==> flow/design.v <==
module cpu_shifter (ck, RSTN, enable, i_ch, i_n, i_dir, o_data_out);
    parameter integer BITS = 8;
    localparam integer SEL_WIDTH = $clog2(BITS);
    input ck;
    input RSTN;
    input enable;
    input [BITS-1:0] i_ch;
    input [SEL_WIDTH-1:0] i_n;
    input i_dir;
    output [BITS-1:0] o_data_out;
    reg [BITS-1:0] r_ch;
    reg [SEL_WIDTH-1:0] r_n;
    reg r_dir;
    always @(posedge ck or negedge RSTN) begin
        if (~RSTN) begin
            r_ch <= 0;
            r_n <= 0;
            r_dir <= 1'b0;
        end else if (enable) begin
            r_ch <= i_ch;
            r_n <= i_n;
            r_dir <= i_dir;
        end
    end
    assign o_data_out = r_dir ? r_ch << r_n : r_ch >> r_n;
endmodule
Memo
Re: synthesis data of cpu_shifter

From RTL to reports: cpu_shifter
A sweep over "BITS": the same steps for each member of the family.
The file above is the member BITS=8. Line numbers count from 1 in each member's own file.
Library cell names are shortened.
A cell with n/a has no value.
- design top: cpu_shifter
- clock input: ck
- cell library: sky130hd
- corner: tt_025C_1v80

Members of the sweep
Lines of each other member's file that are new or changed against the file above; lines that a member lacks are not shown.
- new or changed lines (BITS ; RTL line ; RTL):
    14 ; 2 ; parameter integer BITS = 14;
    20 ; 2 ; parameter integer BITS = 20;
    24 ; 2 ; parameter integer BITS = 24;
    40 ; 2 ; parameter integer BITS = 40;
    56 ; 2 ; parameter integer BITS = 56;
    80 ; 2 ; parameter integer BITS = 80;
    96 ; 2 ; parameter integer BITS = 96;

Word-level counts
Counts by Yosys on the flattened word-level netlist (proc, flatten, opt, wreduce; memories kept). Register bits leave out memories and registers merged into their read ports (data or address); mux counts leave out enables and synchronous resets folded into registers. Print and check cells are left out. Cells with the same type and inputs are merged into one.
- bit counts (BITS ; bits of input ports ; bits in registers):
    8 ; 15 ; 12
    14 ; 22 ; 19
    20 ; 29 ; 26
    24 ; 33 ; 30
    40 ; 50 ; 47
    56 ; 66 ; 63
    80 ; 91 ; 88
    96 ; 107 ; 104
- operators by class (BITS ; multiplexer cells ; shifts and indexed selects):
    8 ; 1 ; 2
    14 ; 1 ; 2
    20 ; 1 ; 2
    24 ; 1 ; 2
    40 ; 1 ; 2
    56 ; 1 ; 2
    80 ; 1 ; 2
    96 ; 1 ; 2
- operators by type and width (BITS ; kind and count):
    8 ; 1 x 8-bit by 3-bit << shifter with 8-bit output; 1 x 8-bit by 3-bit >> shifter with 8-bit output; 1 x 8-bit 2-to-1 mux
    14 ; 1 x 14-bit by 4-bit << shifter with 14-bit output; 1 x 14-bit by 4-bit >> shifter with 14-bit output; 1 x 14-bit 2-to-1 mux
    20 ; 1 x 20-bit by 5-bit << shifter with 20-bit output; 1 x 20-bit by 5-bit >> shifter with 20-bit output; 1 x 20-bit 2-to-1 mux
    24 ; 1 x 24-bit by 5-bit << shifter with 24-bit output; 1 x 24-bit by 5-bit >> shifter with 24-bit output; 1 x 24-bit 2-to-1 mux
    40 ; 1 x 40-bit by 6-bit << shifter with 40-bit output; 1 x 40-bit by 6-bit >> shifter with 40-bit output; 1 x 40-bit 2-to-1 mux
    56 ; 1 x 56-bit by 6-bit << shifter with 56-bit output; 1 x 56-bit by 6-bit >> shifter with 56-bit output; 1 x 56-bit 2-to-1 mux
    80 ; 1 x 80-bit by 7-bit << shifter with 80-bit output; 1 x 80-bit by 7-bit >> shifter with 80-bit output; 1 x 80-bit 2-to-1 mux
    96 ; 1 x 96-bit by 7-bit << shifter with 96-bit output; 1 x 96-bit by 7-bit >> shifter with 96-bit output; 1 x 96-bit 2-to-1 mux

Depth
Longest topological path by Yosys (ltp), each cell counted once; first at word level (registers and memories cut), then after technology mapping (sequential cells cut; the memories' decode and read muxes count).
- depth (BITS ; word-level depth ; ABC_AREA ; gate-level depth with buffers):
    8 ; 2 ; 0 ; 6
    14 ; 2 ; 0 ; 7
    20 ; 2 ; 0 ; 8
    24 ; 2 ; 0 ; 9
    40 ; 2 ; 0 ; 10
    56 ; 2 ; 0 ; 11
    80 ; 2 ; 0 ; 11
    96 ; 2 ; 0 ; 12

Netlist
The flow's flattened synthesis, as Yosys stat reports it; memories are mapped. The netlist is that of the ABC_AREA named above (0 if unset); the other value can give another one.
The area totals of this step are shown rounded.
- mapped netlist (BITS ; standard cells after synthesis ; flip-flop cells ; cell area after synthesis (um2) ; buffers ; area of sequential cells (um2)):
    8 ; 106 ; 12 ; 947 ; 7 ; 300
    14 ; 208 ; 19 ; 2020 ; 20 ; 475
    20 ; 313 ; 26 ; 3200 ; 33 ; 651
    24 ; 425 ; 30 ; 3770 ; 40 ; 751
    40 ; 677 ; 47 ; 6660 ; 72 ; 1180
    56 ; 1131 ; 63 ; 10600 ; 141 ; 1580
    80 ; 1758 ; 88 ; 15600 ; 193 ; 2200
    96 ; 1848 ; 104 ; 18500 ; 208 ; 2600
- cell types (BITS ; type and count):
    8 ; 12 x dfrtp_1; 11 x mux2_2; 6 x mux2i_1; 16 x nand2_1; 2 x mux4_2; 10 x nor2_1; 5 x o211ai_1; 7 x nand3_1; 7 x o21ai_0; 4 x a22oi_1; 5 x buf_2; 4 x a21oi_1; 3 x nor2b_1; 1 x a2111oi_2; 1 x buf_8; 2 x nand2b_1; 1 x nor3b_2; 1 x o211ai_2; (+8)
    14 ; 19 x dfrtp_1; 30 x mux2_2; 29 x mux2i_1; 5 x mux4_2; 9 x o221ai_1; 10 x nand2b_1; 10 x buf_2; 13 x nand2_1; 7 x o21ai_0; 9 x nor2_1; 3 x o32a_1; 3 x o22a_1; 5 x nor3_1; 4 x o22ai_1; 3 x a22oi_1; 3 x nand3b_1; 3 x o211ai_1; 1 x a2bb2o_4; (+42)
    20 ; 26 x dfrtp_1; 20 x mux4_2; 27 x mux2_2; 11 x mux4_1; 26 x mux2i_1; 8 x buf_6; 23 x nand2_1; 14 x o21ai_0; 17 x nor2_1; 9 x o22ai_1; 7 x a22oi_1; 10 x nor3_1; 9 x a21oi_1; 6 x buf_4; 6 x nand2b_1; 5 x o211ai_1; 9 x clkbuf_1; 6 x nand3_1; (+74)
    24 ; 30 x dfrtp_1; 49 x mux2_2; 34 x mux2i_1; 12 x mux4_2; 39 x nand2_1; 39 x nor2_1; 21 x o21ai_0; 20 x a21oi_1; 20 x clkbuf_1; 9 x a211oi_1; 13 x nand3_1; 3 x buf_12; 4 x mux2_4; 9 x o22ai_1; 2 x mux4_1; 7 x o211ai_1; 10 x buf_2; 4 x buf_6; (+100)
    40 ; 75 x mux4_2; 47 x dfrtp_1; 69 x mux2_2; 64 x mux2i_1; 75 x nand2_1; 51 x nor2_1; 35 x o21ai_0; 38 x clkbuf_1; 15 x o211ai_1; 12 x o221ai_1; 20 x a21oi_1; 15 x o22ai_1; 8 x buf_6; 9 x a211oi_1; 13 x buf_2; 11 x nor3_1; 7 x a22oi_1; 8 x nand2b_1; (+105)
    56 ; 112 x mux4_2; 63 x dfrtp_1; 117 x mux2i_1; 100 x mux2_2; 102 x nand2_1; 90 x nor2_1; 81 x clkbuf_1; 47 x o22ai_1; 32 x o21ai_0; 20 x o211ai_1; 29 x nor3_1; 28 x a21oi_1; 27 x buf_2; 15 x o221ai_1; 23 x nand3_1; 14 x a211oi_1; 12 x a22oi_1; 8 x buf_6; (+211)
    80 ; 132 x mux4_2; 211 x mux2_2; 88 x dfrtp_1; 140 x mux2i_1; 201 x nand2_1; 138 x nor2_1; 86 x o21ai_0; 103 x clkbuf_1; 59 x o22ai_1; 41 x a22oi_1; 55 x a21oi_1; 31 x o211ai_1; 44 x buf_2; 35 x nand3_1; 20 x a211oi_1; 13 x mux2_1; 16 x o221ai_1; 27 x nor3_1; (+318)
    96 ; 210 x mux4_2; 281 x mux2_2; 104 x dfrtp_1; 221 x mux2i_1; 150 x nor2_1; 124 x nand2_1; 79 x a21oi_1; 103 x clkbuf_1; 76 x o21ai_0; 54 x o22ai_1; 34 x a211oi_1; 45 x buf_2; 14 x buf_6; 19 x a22oi_1; 16 x a221oi_1; 18 x o211ai_1; 13 x a221o_1; 26 x nor3_1; (+261)
The mark (+n) counts cells that are not listed.

Timing after synthesis
Source: OpenSTA report_checks on the synthesized netlist (no wires, ideal clock, input and output delay 20% of the period each), path of least setup slack; recovery checks are left aside. Register names are those of the netlist, which keeps one name where synthesis merged equal registers.
- path post-synthesis (BITS ; path type ; from ; to ; setup slack (ps) ; clock period (ps) ; stages on the path ; delay of the path (ps) ; synthesis period reached (ps)):
    8 ; reg2out ; register r_n[0] ; output port o_data_out[1] ; 305 ; 1890 ; 5 ; 1207 ; 1585
    14 ; reg2out ; register r_n[1] ; output port o_data_out[1] ; 384 ; 2390 ; 6 ; 1528 ; 2006
    20 ; reg2out ; register r_n[0] ; output port o_data_out[12] ; 451 ; 2820 ; 7 ; 1805 ; 2369
    24 ; reg2out ; register r_n[1] ; output port o_data_out[12] ; 456 ; 2850 ; 9 ; 1824 ; 2394
    40 ; reg2out ; register r_n[1] ; output port o_data_out[36] ; 542 ; 3390 ; 9 ; 2170 ; 2848
    56 ; reg2out ; register r_n[1] ; output port o_data_out[21] ; 553 ; 3460 ; 10 ; 2215 ; 2907
    80 ; reg2out ; register r_n[1] ; output port o_data_out[77] ; 620 ; 3870 ; 11 ; 2476 ; 3250
    96 ; reg2out ; register r_n[1] ; output port o_data_out[53] ; 630 ; 3920 ; 11 ; 2506 ; 3290
"delay of the path" = arrival - input delay + setup time.
A path that ends at an output port has no setup time.
"stages on the path": output pins that drive a net of the path, with the launching flip-flop's if there is one; two outputs of one cell count as two.
"synthesis period reached" is the clock period less the worst setup slack; recovery checks do not enter. This is arithmetic on one report: input and output delays are still those of the set period (20% each).
Between the ends stands the longest chain of elaborated cells between them, by number of cells; it is not shown to be the way that was timed. Of several equally long chains one is given.
A line is the first line of the expression or statement that the cell stems from. Yosys adds cells for indexed reads and writes and turns some case tables into memories.
Between the ends, post-synthesis, BITS=8:
- cells in the longest elaborated chain at 2
- RTL lines, path post-synthesis, BITS=8 (what ; RTL line ; RTL):
    from (decl) ; 12 ; reg [SEL_WIDTH-1:0] r_n;
    from (assign) ; 17 ; r_n <= 0;
    from (assign) ; 21 ; r_n <= i_n;
    8-bit by 3-bit >> shifter with 8-bit output ; 25 ; assign o_data_out = r_dir ? r_ch << r_n : r_ch >> r_n;
    8-bit 2-to-1 mux ; 25 ;
    to (decl) ; 10 ; output [BITS-1:0] o_data_out;
Between the ends, post-synthesis, BITS=96:
- cells in the longest elaborated chain at 2
- RTL lines, path post-synthesis, BITS=96 (what ; RTL line ; RTL):
    from (decl) ; 12 ; reg [SEL_WIDTH-1:0] r_n;
    from (assign) ; 17 ; r_n <= 0;
    from (assign) ; 21 ; r_n <= i_n;
    96-bit by 7-bit >> shifter with 96-bit output ; 25 ; assign o_data_out = r_dir ? r_ch << r_n : r_ch >> r_n;
    96-bit 2-to-1 mux ; 25 ;
    to (decl) ; 10 ; output [BITS-1:0] o_data_out;

Worst path after layout
From the final timing report of each member's run: the path of least setup slack in the routed layout; clock arrival at registers is part of the times.
The report prints the path's times to 10 ps; the period is as set.
- path after layout (BITS ; path type ; from ; to ; stages on the path ; clock period (ps) ; path buffers ; setup slack (ps) ; arrival time (ps)):
    8 ; reg2out ; register r_n[0] ; output port o_data_out[1] ; 6 ; 1890 ; 2 ; -190 ; 1700
    14 ; reg2out ; register r_n[1] ; output port o_data_out[8] ; 8 ; 2390 ; 3 ; -170 ; 2080
    20 ; reg2out ; register r_n[0] ; output port o_data_out[1] ; 8 ; 2820 ; 3 ; -40 ; 2290
    24 ; reg2out ; register r_n[1] ; output port o_data_out[22] ; 9 ; 2850 ; 4 ; -110 ; 2390
    40 ; reg2out ; register r_n[1] ; output port o_data_out[9] ; 9 ; 3390 ; 3 ; -50 ; 2760
    56 ; reg2out ; register r_n[1] ; output port o_data_out[20] ; 11 ; 3460 ; 5 ; -360 ; 3120
    80 ; reg2out ; register r_n[1] ; output port o_data_out[36] ; 11 ; 3870 ; 4 ; -290 ; 3380
    96 ; reg2out ; register r_n[2] ; output port o_data_out[12] ; 11 ; 3920 ; 4 ; -300 ; 3440

Measured runs
One run of the flow (Yosys, OpenROAD) for each member, with settings and measured results. Input and output delays are each 20% of the period that was set; the output load is 0.01 pF.
- CAP_MARGIN at 20
- noted CORE_MARGIN: 2
- CORE_UTILIZATION at 40
- SLEW_MARGIN: 20
- settings by member (BITS ; period_ns):
    8 ; 1.89
    14 ; 2.39
    20 ; 2.82
    24 ; 2.85
    40 ; 3.39
    56 ; 3.46
    80 ; 3.87
    96 ; 3.92
- final reports (BITS ; worst slack on setup checks (ps) ; area inside the die boundary (um2) ; chip area in the Yosys report (um2) ; period achieved (ps) ; standard-cell area of the final layout (um2) ; post-route setup TNS (ps)):
    8 ; -192 ; 2770 ; 947 ; 2082 ; 1500 ; -996
    14 ; -168 ; 5630 ; 2020 ; 2558 ; 3150 ; -576
    20 ; -35 ; 8730 ; 3200 ; 2855 ; 4410 ; -168
    24 ; -106 ; 10200 ; 3770 ; 2956 ; 5880 ; -611
    40 ; -51 ; 17700 ; 6660 ; 3441 ; 9260 ; -97
    56 ; -357 ; 27700 ; 10600 ; 3817 ; 16700 ; -6780
    80 ; -286 ; 40600 ; 15600 ; 4156 ; 24600 ; -11000
    96 ; -304 ; 47900 ; 18500 ; 4224 ; 28800 ; -11700
"period achieved": clock period set for the run, less the worst setup slack. It is reckoned from that one timing run; input and output delays stay at 20% of the period that was set.
Measured values are rounded.
